==> flow/design.v <==
module mul_unit #(
   parameter DWIDTH = 18
) (
   input logic ck,
   input logic i_rst,
   input logic [DWIDTH-1:0] da_in,
   input logic [DWIDTH-1:0] db_in,
   output logic [2*DWIDTH-1:0] result_out
);
   logic [DWIDTH-1:0] da_ff;
   logic [DWIDTH-1:0] db_ff;
   always_ff @(posedge ck) begin
      if (i_rst) begin
         da_ff <= 0;
         db_ff <= 0;
      end else begin
         da_ff <= da_in;
         db_ff <= db_in;
      end
   end
   logic [2*DWIDTH-1:0] cur;
   always_comb begin
      cur = 0;
      for (int i = 0; i < DWIDTH; i++)
         if (db_ff[i]) cur = cur + (da_ff << i);
   end
   logic [2*DWIDTH-1:0] result_ff;
   always_ff @(posedge ck) begin
      if (i_rst) begin
         result_ff <= 0;
      end else begin
         result_ff <= cur;
      end
   end
   assign result_out = result_ff;
endmodule
* Reports on mul_unit
The steps from the RTL of mul_unit to its reports follow in flow order.
Lines are those of the file above, counted from 1.
Operators carry their Yosys type and port widths (W data, S select, Z words).
Cell names lack the library's common part.
The mark - stands for no value.
- Top :: mul_unit
- Clock port :: ck
- Library :: sky130hd
- Timing corner :: tt_025C_1v80

* After elaboration
Yosys after proc, flatten, opt, wreduce and memory -nomap, before mapping. Enables and synchronous resets that opt folds into registers are not counted as muxes. Memory bits, and registers merged into a memory's read port (data or address), are not among the register bits. Print and check cells are not counted. Equal cells are merged and count once.
- $add $sub $neg :: 17
- Mux-type cells :: 18
** Operators with widths (number)
- $mux W36 :: 17
- $add A36 B19 Y36 :: 1
- $add A36 B20 Y36 :: 1
- $add A36 B21 Y36 :: 1
- $add A36 B22 Y36 :: 1
- $add A36 B23 Y36 :: 1
- $add A36 B24 Y36 :: 1
- $add A36 B25 Y36 :: 1
- $add A36 B26 Y36 :: 1
- $add A36 B27 Y36 :: 1
- $add A36 B28 Y36 :: 1
- $add A36 B29 Y36 :: 1
- $add A36 B30 Y36 :: 1
- $add A36 B31 Y36 :: 1
- $add A36 B32 Y36 :: 1
- $add A36 B33 Y36 :: 1
- $add A36 B34 Y36 :: 1
- $add A36 B35 Y36 :: 1
- $mux W18 :: 1
- Flip-flop bits (word level) :: 72
- Bits of input ports :: 38
- Output and inout port bits :: 36
- Word-level cells :: 38

* Logic depth
Depth = most cells in a row (Yosys ltp): at word level without a register or memory, in the mapped netlist without a sequential cell, where the memories' decode and read muxes count.
- Depth in word-level cells :: 35
- ABC_AREA :: 0
- Mapped depth :: 136
- Gate-level depth less buffers :: 134

* Netlist
The flow's flattened synthesis, as Yosys stat reports it; memories are mapped. The netlist is that of the ABC_AREA named above (0 if unset); the other value can give another one.
** Cell types
- ha_1 :: number 303, total area 3.79E+03 um2
- dfxtp_1 :: number 72, total area 1.44E+03 um2
- a21oi_1 :: number 244, total area 1.22E+03 um2
- xnor2_1 :: number 124, total area 1.09E+03 um2
- nor2_1 :: number 265, total area 994.704 um2
- nand2_1 :: number 264, total area 990.95 um2
- o21ai_0 :: number 170, total area 850.816 um2
- a21o_1 :: number 104, total area 780.749 um2
- o21a_1 :: number 90, total area 675.648 um2
- xor2_1 :: number 65, total area 569.296 um2
- inv_1 :: number 141, total area 529.258 um2
- nor2b_1 :: number 76, total area 475.456 um2
- mux2i_1 :: number 43, total area 430.413 um2
- nand3_1 :: number 73, total area 365.35 um2
- mux2_2 :: number 32, total area 360.346 um2
- nor3_1 :: number 72, total area 360.346 um2
- nand2b_1 :: number 55, total area 344.08 um2
- fa_1 :: number 17, total area 340.326 um2
Other cell types: 96; their cells: 715.
- Cells in the netlist :: 2925
- Synthesis area :: 20936.3 um2
- Sequential part of the area :: 1441.4 um2
- Mapped flip-flops :: 72
- Buffer cells :: 98

* Worst setup path after synthesis
Source: OpenSTA report_checks on the synthesized netlist (no wires, ideal clock, input and output delay 20% of the period each), path of least setup slack; recovery checks are left aside. Register names are those of the netlist, which keeps one name where synthesis merged equal registers.
- Path kind :: register to register
- Start :: register da_ff[1]
- End :: register result_ff[35]
- Clock period :: 29.8 ns
- Setup time :: 0.114 ns
- Launch time at the first pin :: 0.000 ns
- Data arrival time :: 23.691 ns
- Required time :: 29.686 ns
- Slack :: 5.995 ns
- Delay of the path :: 23.805 ns
- Stages :: 126
- Buffers on the path :: 0
- Synthesis period reached :: 23.805 ns
"delay of the path" is the arrival time less input delay plus setup time.
"stages" counts driving pins, that of a launching flip-flop among them; a cell with two outputs on the path counts twice.
"synthesis period reached" = period - worst setup slack (recovery checks aside). The figure is calculated, with input and output delays left at 20% of the set period.
The rows between start and end are the longest chain of elaborated cells between them; the timing report does not say that the signal goes this way. Where chains are equally long, one stands for them.
Each line given opens the expression or statement behind the cell; cells for indexed reads and writes are added by Yosys, which also makes memories of some case tables.
- Cell sequence :: dfxtp_1 > inv_1 > nor2_1 > ha_1 > inv_1 > fa_1 > o311ai_4 > and2_1 > o21ai_0 > o32a_1 > nand2b_1 > a32o_1 > ha_1 > o21ai_0 > nor3_1 > o21ai_0 > nor2b_1 > xnor2_1 > [... 90 more ...] > o221ai_1 > inv_1 > ha_1 > and3_1 > a211o_1 > xor2_1 > nand2_1 > a21bo_2 > ha_1 > or3_1 > o21ai_0 > a31oi_1 > a21o_1 > a21oi_1 > o21ai_0 > a21o_1 > a21oi_1 > nor2_1
- Length of the longest elaborated chain :: 35
- Elaborated cells on any way between the ends :: 35
- RTL lines with such cells :: 1
- Classes of those cells :: add/sub (17); mux (18)
** RTL lines, path after synthesis
- start: declaration :: RTL line 10 : logic [DWIDTH-1:0] da_ff;
- start: assignment :: RTL line 14 : da_ff <= 0;
- start: assignment :: RTL line 17 : da_ff <= da_in;
- $mux W18 :: RTL line 25 : if (db_ff[i]) cur = cur + (da_ff << i);
- $add A36 B19 Y36 :: RTL line 25
- $mux W36 :: RTL line 25
- $add A36 B20 Y36 :: RTL line 25
- $mux W36 :: RTL line 25
- $add A36 B21 Y36 :: RTL line 25
- $mux W36 :: RTL line 25
- [... 21 more ...]
- $mux W36 :: RTL line 25
- $add A36 B33 Y36 :: RTL line 25
- $mux W36 :: RTL line 25
- $add A36 B34 Y36 :: RTL line 25
- $mux W36 :: RTL line 25
- $add A36 B35 Y36 :: RTL line 25
- $mux W36 :: RTL line 25
- end: assignment :: RTL line 30 : result_ff <= 0;
- end: assignment :: RTL line 32 : result_ff <= cur;
- end: declaration :: RTL line 27 : logic [2*DWIDTH-1:0] result_ff;

* Path in the finished layout
Path of least setup slack in the final report of stored run 1 (OpenROAD, finished layout, wires in). Where an end is a register, its clock arrival counts in the times.
- Path kind :: register to register
- Start :: register db_ff[0]
- End :: register result_ff[32]
- Clock period :: 29.8 ns
- Setup time :: 0.16 ns
- Launch time at the first pin :: 0.39 ns
- Data arrival time :: 28.41 ns
- Required time :: 30.01 ns
- Slack :: 1.61 ns
- Stages :: 124
- Buffers on the path :: 1
The rows between start and end are the longest chain of elaborated cells between them; the timing report does not say that the signal goes this way. Where chains are equally long, one stands for them.
- Cell sequence :: dfxtp_1 > buf_4 > inv_2 > nor2_1 > ha_1 > inv_1 > fa_1 > o311ai_4 > and2_1 > o21ai_0 > o32a_1 > nand2b_1 > a32o_1 > ha_1 > o21ai_0 > nor3_1 > o21ai_0 > nor2b_1 > [... 88 more ...] > a31oi_1 > xnor2_1 > nand2_1 > o31ai_1 > ha_1 > a21o_1 > a21o_1 > nor3_1 > nand3_1 > nand2_1 > xnor2_1 > mux2_2 > ha_1 > a21o_1 > a31oi_1 > xnor2_1 > a22oi_1 > o21ai_0
- Length of the longest elaborated chain :: 35
- Elaborated cells on any way between the ends :: 35
- RTL lines with such cells :: 1
- Classes of those cells :: add/sub (17); mux (18)
** RTL lines, path post-layout
- start: declaration :: RTL line 11 : logic [DWIDTH-1:0] db_ff;
- start: assignment :: RTL line 15 : db_ff <= 0;
- start: assignment :: RTL line 18 : db_ff <= db_in;
- $mux W18 :: RTL line 25 : if (db_ff[i]) cur = cur + (da_ff << i);
- $add A36 B19 Y36 :: RTL line 25
- $mux W36 :: RTL line 25
- $add A36 B20 Y36 :: RTL line 25
- $mux W36 :: RTL line 25
- $add A36 B21 Y36 :: RTL line 25
- $mux W36 :: RTL line 25
- [... 21 more ...]
- $mux W36 :: RTL line 25
- $add A36 B33 Y36 :: RTL line 25
- $mux W36 :: RTL line 25
- $add A36 B34 Y36 :: RTL line 25
- $mux W36 :: RTL line 25
- $add A36 B35 Y36 :: RTL line 25
- $mux W36 :: RTL line 25
- end: assignment :: RTL line 30 : result_ff <= 0;
- end: assignment :: RTL line 32 : result_ff <= cur;
- end: declaration :: RTL line 27 : logic [2*DWIDTH-1:0] result_ff;

# Flow runs of mul_unit

Module mul_unit, platform sky130hd: 3 stored runs of the flow (Yosys, OpenROAD) with differing settings, in no particular order. Input and output delays are each 20% of the period that was set; the output load is 0.01 pF.
"achieved clock period" = clock period - worst setup slack. The figure is calculated, with input and output delays left at 20% of the set period.
"allowed time less slack (worst setup path)": the worst setup path's part of the clock period (all of it between registers, 20% less for each end at a port) less its slack. A launch clock that arrives late makes it longer, a capture clock that arrives late makes it shorter.
By "power consumption" is meant OpenSTA's value without simulated activity: inputs other than the clock are taken to toggle once in ten clock periods, and the tool carries that through the logic.

* Stored run 1
** Files
==> flow/run.sh <==
#!/bin/bash
# the make line also repeats the synthesis and layout settings of config.mk as NAME=value (left out here)
make -C /OpenROAD-flow-scripts/flow DESIGN_CONFIG=/design/flow/config.mk WORK_HOME=/design/flow/orfs CLKGATE_MAP_FILE= finish
==> flow/config.mk <==
export PLATFORM = sky130hd
export DESIGN_NAME = mul_unit
export DESIGN_NICKNAME = mul_unit
export VERILOG_FILES = /design/flow/design.v
export SDC_FILE = /design/flow/constraint.sdc
export NUM_CORES = 4
export LEC_CHECK = 0
export CAP_MARGIN = 20
export CORE_MARGIN = 2
export CORE_UTILIZATION = 40
export SLEW_MARGIN = 20
==> flow/constraint.sdc <==
create_clock -name core_clock -period 29.8 [get_ports {ck}]
set_input_delay 5.9600 -clock core_clock [delete_from_list [all_inputs] [get_ports {ck}]]
set_output_delay 5.9600 -clock core_clock [all_outputs]
set_load 0.01 [all_outputs]
** Results
- Die size :: 54186.5 um2
- Yosys chip area after synthesis :: 20936.3 um2
- Standard-cell area after layout :: 22756.8 um2
- Allowed time less slack (worst setup path) :: 28.19 ns
- Worst path kind :: register to register
- Achieved clock period :: 28.192 ns
- Utilization in the final report :: 0.442
- Final worst hold slack :: 0.733 ns
- Power consumption :: 1105 µW
- Setup slack of the critical path :: 1.608 ns
- Total negative setup slack :: 0.000 ns

* Stored run 2
** Files
==> flow/run.sh <==
#!/bin/bash
# the make line also repeats the synthesis and layout settings of config.mk as NAME=value (left out here)
make -C /OpenROAD-flow-scripts/flow DESIGN_CONFIG=/design/flow/config.mk WORK_HOME=/design/flow/orfs CLKGATE_MAP_FILE= finish
==> flow/config.mk <==
export PLATFORM = sky130hd
export DESIGN_NAME = mul_unit
export DESIGN_NICKNAME = mul_unit
export VERILOG_FILES = /design/flow/design.v
export SDC_FILE = /design/flow/constraint.sdc
export NUM_CORES = 4
export LEC_CHECK = 0
export CAP_MARGIN = 20
export CELL_PAD_IN_SITES_GLOBAL_PLACEMENT = 0
export CORE_ASPECT_RATIO = 0.59
export CORE_MARGIN = 2
export CORE_UTILIZATION = 51
export CTS_CLUSTER_DIAMETER = 97
export CTS_CLUSTER_SIZE = 25
export GPL_TIMING_DRIVEN = 0
export SLEW_MARGIN = 20
==> flow/constraint.sdc <==
create_clock -name core_clock -period 34.0 [get_ports {ck}]
set_input_delay 6.8000 -clock core_clock [delete_from_list [all_inputs] [get_ports {ck}]]
set_output_delay 6.8000 -clock core_clock [all_outputs]
set_load 0.01 [all_outputs]
** Results
- Die size :: 42745.7 um2
- Yosys chip area after synthesis :: 20936.3 um2
- Standard-cell area after layout :: 22831.9 um2
- Allowed time less slack (worst setup path) :: 29.92 ns
- Worst path kind :: register to register
- Achieved clock period :: 29.919 ns
- Utilization in the final report :: 0.57
- Final worst hold slack :: 0.802 ns
- Power consumption :: 993.8 µW
- Setup slack of the critical path :: 4.081 ns
- Total negative setup slack :: 0.000 ns

* Stored run 3
** Files
==> flow/run.sh <==
#!/bin/bash
# the make line also repeats the synthesis and layout settings of config.mk as NAME=value (left out here)
make -C /OpenROAD-flow-scripts/flow DESIGN_CONFIG=/design/flow/config.mk WORK_HOME=/design/flow/orfs CLKGATE_MAP_FILE= finish
==> flow/config.mk <==
export PLATFORM = sky130hd
export DESIGN_NAME = mul_unit
export DESIGN_NICKNAME = mul_unit
export VERILOG_FILES = /design/flow/design.v
export SDC_FILE = /design/flow/constraint.sdc
export NUM_CORES = 4
export LEC_CHECK = 0
export ABC_AREA = 1
export CAP_MARGIN = 40
export CORE_ASPECT_RATIO = 0.7
export CORE_MARGIN = 2
export CORE_UTILIZATION = 63
export GPL_ROUTABILITY_DRIVEN = 0
export MIN_ROUTING_LAYER = met2
export PLACE_DENSITY_LB_ADDON = 0.02
export SLEW_MARGIN = 35
export TNS_END_PERCENT = 50
==> flow/constraint.sdc <==
create_clock -name core_clock -period 37.1 [get_ports {ck}]
set_input_delay 7.4200 -clock core_clock [delete_from_list [all_inputs] [get_ports {ck}]]
set_output_delay 7.4200 -clock core_clock [all_outputs]
set_load 0.01 [all_outputs]
** Results
Stopped before the end: routing reported GRT-0116.
